==> flow/design.v <==
module gen_sel_unit_v2 #(
  parameter BITS = 10
) (
  input clock,
  input rst,
  input [BITS-1:0] bus_0,
  input [BITS-1:0] bus_1,
  input [BITS-1:0] bus_2,
  input [BITS-1:0] bus_3,
  input [BITS-1:0] bus_4,
  input [BITS-1:0] bus_5,
  input [BITS-1:0] bus_6,
  input [BITS-1:0] bus_7,
  input [BITS-1:0] bus_8,
  input [BITS-1:0] bus_9,
  input [3:0] choose,
  output [BITS-1:0] res
);
  reg [BITS-1:0] bus_0_q;
  reg [BITS-1:0] bus_1_q;
  reg [BITS-1:0] bus_2_q;
  reg [BITS-1:0] bus_3_q;
  reg [BITS-1:0] bus_4_q;
  reg [BITS-1:0] bus_5_q;
  reg [BITS-1:0] bus_6_q;
  reg [BITS-1:0] bus_7_q;
  reg [BITS-1:0] bus_8_q;
  reg [BITS-1:0] bus_9_q;
  reg [3:0] choose_q;
  wire [BITS-1:0] r;
  assign r =
    (choose_q == 4'd0) ? bus_0_q :
    (choose_q == 4'd1) ? bus_1_q :
    (choose_q == 4'd2) ? bus_2_q :
    (choose_q == 4'd3) ? bus_3_q :
    (choose_q == 4'd4) ? bus_4_q :
    (choose_q == 4'd5) ? bus_5_q :
    (choose_q == 4'd6) ? bus_6_q :
    (choose_q == 4'd7) ? bus_7_q :
    (choose_q == 4'd8) ? bus_8_q :
    bus_9_q;
  reg [BITS-1:0] res_q;
  assign res = res_q;
  always @(posedge clock or posedge rst) begin
    if (rst) begin
      bus_0_q <= 0;
      bus_1_q <= 0;
      bus_2_q <= 0;
      bus_3_q <= 0;
      bus_4_q <= 0;
      bus_5_q <= 0;
      bus_6_q <= 0;
      bus_7_q <= 0;
      bus_8_q <= 0;
      bus_9_q <= 0;
      choose_q <= 0;
      res_q <= 0;
    end else begin
      bus_0_q <= bus_0;
      bus_1_q <= bus_1;
      bus_2_q <= bus_2;
      bus_3_q <= bus_3;
      bus_4_q <= bus_4;
      bus_5_q <= bus_5;
      bus_6_q <= bus_6;
      bus_7_q <= bus_7;
      bus_8_q <= bus_8;
      bus_9_q <= bus_9;
      choose_q <= choose;
      res_q <= r;
    end
  end
endmodule
* From RTL to reports: gen_sel_unit_v2
Tool output for the design above, in the order of the flow.
Line numbers count from 1 in the design file above.
Operators carry their Yosys type and port widths (W data, S select, Z words).
Cell names lack the library's common part.
A cell with n/a has no value.
- Top :: gen_sel_unit_v2
- Clock port :: clock
- Standard-cell library :: sky130hd
- Library corner :: tt_025C_1v80

* Word-level counts
Source: Yosys, flattened and elaborated, memories not mapped. Widths are those after wreduce; folded enables and synchronous resets count as part of the registers. Registers that Yosys merges into a memory's read port (data or address) are not register bits. Print and check cells do not count. Equal cells are merged and count once.
- Bits in registers :: 114
- Bits of input ports :: 106
- Output and inout port bits :: 10
- Word-level cells :: 30
- Equality and inequality tests :: 8
- Mux-type cells :: 9
- Reduce/logical cells :: 1
** Operator list (count)
- $mux W10 :: 9
- $eq A4 B3 Y1 const B :: 4
- $eq A4 B2 Y1 const B :: 2
- $eq A4 B1 Y1 const B :: 1
- $eq A4 B4 Y1 const B :: 1
- $logic_not A4 Y1 :: 1

* Depth
Yosys ltp: most cells in a row. Word level: on the elaborated netlist, between registers, memories and ports. Mapped: between sequential cells and ports; inverters and the memories' decode and read muxes count.
- Depth in word-level cells :: 10
- ABC_AREA :: 0
- Gate-level depth with buffers :: 7

* Netlist
Yosys stat after the flow's synthesis: flattened, memories mapped to cells. It holds for the ABC_AREA given above (unset counts as 0); a run with the other value may have another netlist.
** Cell types (count)
- dfrtp_1 :: 114
- o21ai_0 :: 39
- a21oi_1 :: 35
- mux2i_1 :: 13
- o22ai_1 :: 12
- nand2_1 :: 19
- nor2_1 :: 14
- nor3_1 :: 9
- a221oi_1 :: 5
- o22a_1 :: 5
- inv_1 :: 10
- buf_2 :: 7
- o21ai_1 :: 7
- mux2_2 :: 3
- clkbuf_1 :: 7
- nor2b_1 :: 4
- o22ai_2 :: 2
- buf_6 :: 2
Not listed: further types 15, cells in them 21.
- Cell count :: 328
- Mapped area :: 0.0040852 mm²
- Flip-flops :: 114
- Buffer cells :: 18

* Path before layout
Path of least setup slack by OpenSTA after synthesis, without wires, with an ideal clock, recovery checks aside; 20% of the period is set as input and as output delay. Where synthesis merged equal registers, the netlist keeps one of their names.
- Kind :: register -> register
- Start :: register (no name shown)
- End :: register res_q[1]
- Clock period :: 1.94 ns
- Setup time :: 0.126 ns
- Launch time at the first pin :: 0.000 ns
- Arrival time :: 1.429 ns
- Data required time :: 1.814 ns
- Setup slack :: 0.385 ns
- Path delay :: 1.555 ns
- Stages on the path :: 7
- Buffers on the path :: 1
- Synthesis period reached :: 1.555 ns
"path delay" is the arrival time less input delay plus setup time.
"stages on the path": output pins that drive a net of the path, with the launching flip-flop's if there is one; two outputs of one cell count as two.
"synthesis period reached" is the clock period less the worst setup slack; recovery checks do not enter. This is arithmetic on one report: input and output delays are still those of the set period (20% each).
The rows between start and end are the longest chain of elaborated cells between them; the timing report does not say that the signal goes this way. Where chains are equally long, one stands for them.
A line is the first line of the expression or statement that the cell stems from. Yosys adds cells for indexed reads and writes and turns some case tables into memories.
- Cells stage by stage :: dfrtp_1 -> or4b_4 -> buf_6 -> o22ai_2 -> o21ai_0 -> a21oi_1 -> o22ai_1
- Cells in the longest elaborated chain :: 10
- Elaborated cells on any way between the ends :: 18
- RTL lines with such cells :: 9
- Classes of those cells :: 8 x eq/ne; 9 x mux; 1 x reduce/logical
** Ends and longest elaborated chain, post-synthesis
- start: declaration :: line 29
- start: assignment :: line 56
- start: assignment :: line 69
- $eq A4 B4 Y1 :: line 40
- $mux W10 :: line 40
- $mux W10 :: line 39
- $mux W10 :: line 38
- $mux W10 :: line 37
- $mux W10 :: line 36
- $mux W10 :: line 35
- $mux W10 :: line 34
- $mux W10 :: line 33
- $mux W10 :: line 32
- end: assignment :: line 57 : res_q <= 0;
- end: assignment :: line 70 : res_q <= r;
- end: declaration :: line 42 : reg [BITS-1:0] res_q;

* Timing after layout
From the final timing report of flow run A: the path of least setup slack in the routed layout; clock arrival at registers is part of the times.
- Kind :: register -> register
- Start :: register (no name shown)
- End :: register res_q[2]
- Clock period :: 1.22 ns
- Setup time :: 0.11 ns
- Launch time at the first pin :: 0.40 ns
- Arrival time :: 2.00 ns
- Data required time :: 1.51 ns
- Setup slack :: -0.49 ns
- Stages on the path :: 6
- Buffers on the path :: 0
The rows between start and end are the longest chain of elaborated cells between them; the timing report does not say that the signal goes this way. Where chains are equally long, one stands for them.
- Cells stage by stage :: dfrtp_2 -> or4b_4 -> o22ai_1 -> nor2_1 -> nor3_1 -> o21ai_1
- Cells in the longest elaborated chain :: 10
- Elaborated cells on any way between the ends :: 18
- RTL lines with such cells :: 9
- Classes of those cells :: 8 x eq/ne; 9 x mux; 1 x reduce/logical
** Ends and longest elaborated chain, after layout
- start: declaration :: line 29
- start: assignment :: line 56
- start: assignment :: line 69
- $eq A4 B4 Y1 :: line 40
- $mux W10 :: line 40
- $mux W10 :: line 39
- $mux W10 :: line 38
- $mux W10 :: line 37
- $mux W10 :: line 36
- $mux W10 :: line 35
- $mux W10 :: line 34
- $mux W10 :: line 33
- $mux W10 :: line 32
- end: assignment :: line 57 : res_q <= 0;
- end: assignment :: line 70 : res_q <= r;
- end: declaration :: line 42 : reg [BITS-1:0] res_q;

Module gen_sel_unit_v2, platform sky130hd: 3 stored runs of the flow (Yosys, OpenROAD) with differing settings, in no particular order. Input and output delays are each 20% of the period that was set; the output load is 0.01 pF.
"achieved clock period" = clock period - worst setup slack. The figure is calculated, with input and output delays left at 20% of the set period.
"critical path time" = time allowed to the worst setup path (clock period - input delay - output delay, where it has them) - its slack; a late launch clock adds to it, a late capture clock takes from it.
"power": no workload was simulated; the value follows from the tool's default switching activity.

** Flow run A
- Settings :: period_ns=1.22; CORE_UTILIZATION=42; SETUP_SLACK_MARGIN=0.21; PLACE_DENSITY_LB_ADDON=0.11; CORE_ASPECT_RATIO=0.57; TNS_END_PERCENT=10; GPL_ROUTABILITY_DRIVEN=1; CTS_CLUSTER_SIZE=49; CTS_CLUSTER_DIAMETER=76; CAP_MARGIN=20; CORE_MARGIN=2; SLEW_MARGIN=20
- Die area :: 0.0105631 mm²
- Cell area after synthesis :: 0.0040852 mm²
- Achieved clock period :: 1.713 ns
- Critical path time :: 1.71 ns
- Critical path kind :: register -> register
- Power :: 10.029 mW
- Setup total negative slack :: -4.089 ns
- Worst slack on setup checks :: -0.493 ns
- Utilization after layout :: 65.4%
- Area of the standard cells in the finished layout :: 0.0062485 mm²

** Flow run B
- Settings :: period_ns=1.05; CORE_UTILIZATION=29; SETUP_SLACK_MARGIN=-0.01; CORE_ASPECT_RATIO=0.72; CTS_CLUSTER_SIZE=72; CAP_MARGIN=5; MIN_ROUTING_LAYER=met1; MAX_ROUTING_LAYER=met4; CORE_MARGIN=2; SLEW_MARGIN=20
- Die area :: 0.0150652 mm²
- Cell area after synthesis :: 0.0040852 mm²
- Achieved clock period :: 1.688 ns
- Critical path time :: 1.69 ns
- Critical path kind :: register -> register
- Power :: 11.444 mW
- Setup total negative slack :: -6.475 ns
- Worst slack on setup checks :: -0.638 ns
- Utilization after layout :: 46.7%
- Area of the standard cells in the finished layout :: 0.0063761 mm²

** Flow run C
- Settings :: period_ns=1.94; CAP_MARGIN=20; CORE_MARGIN=2; CORE_UTILIZATION=40; SLEW_MARGIN=20
- Die area :: 0.0110376 mm²
- Cell area after synthesis :: 0.0040852 mm²
- Achieved clock period :: 1.778 ns
- Critical path time :: 1.39 ns
- Critical path kind :: register -> output
- Power :: 6.395 mW
- Setup total negative slack :: 0.000 ns
- Worst slack on setup checks :: 0.162 ns
- Utilization after layout :: 61.3%
- Area of the standard cells in the finished layout :: 0.0060508 mm²
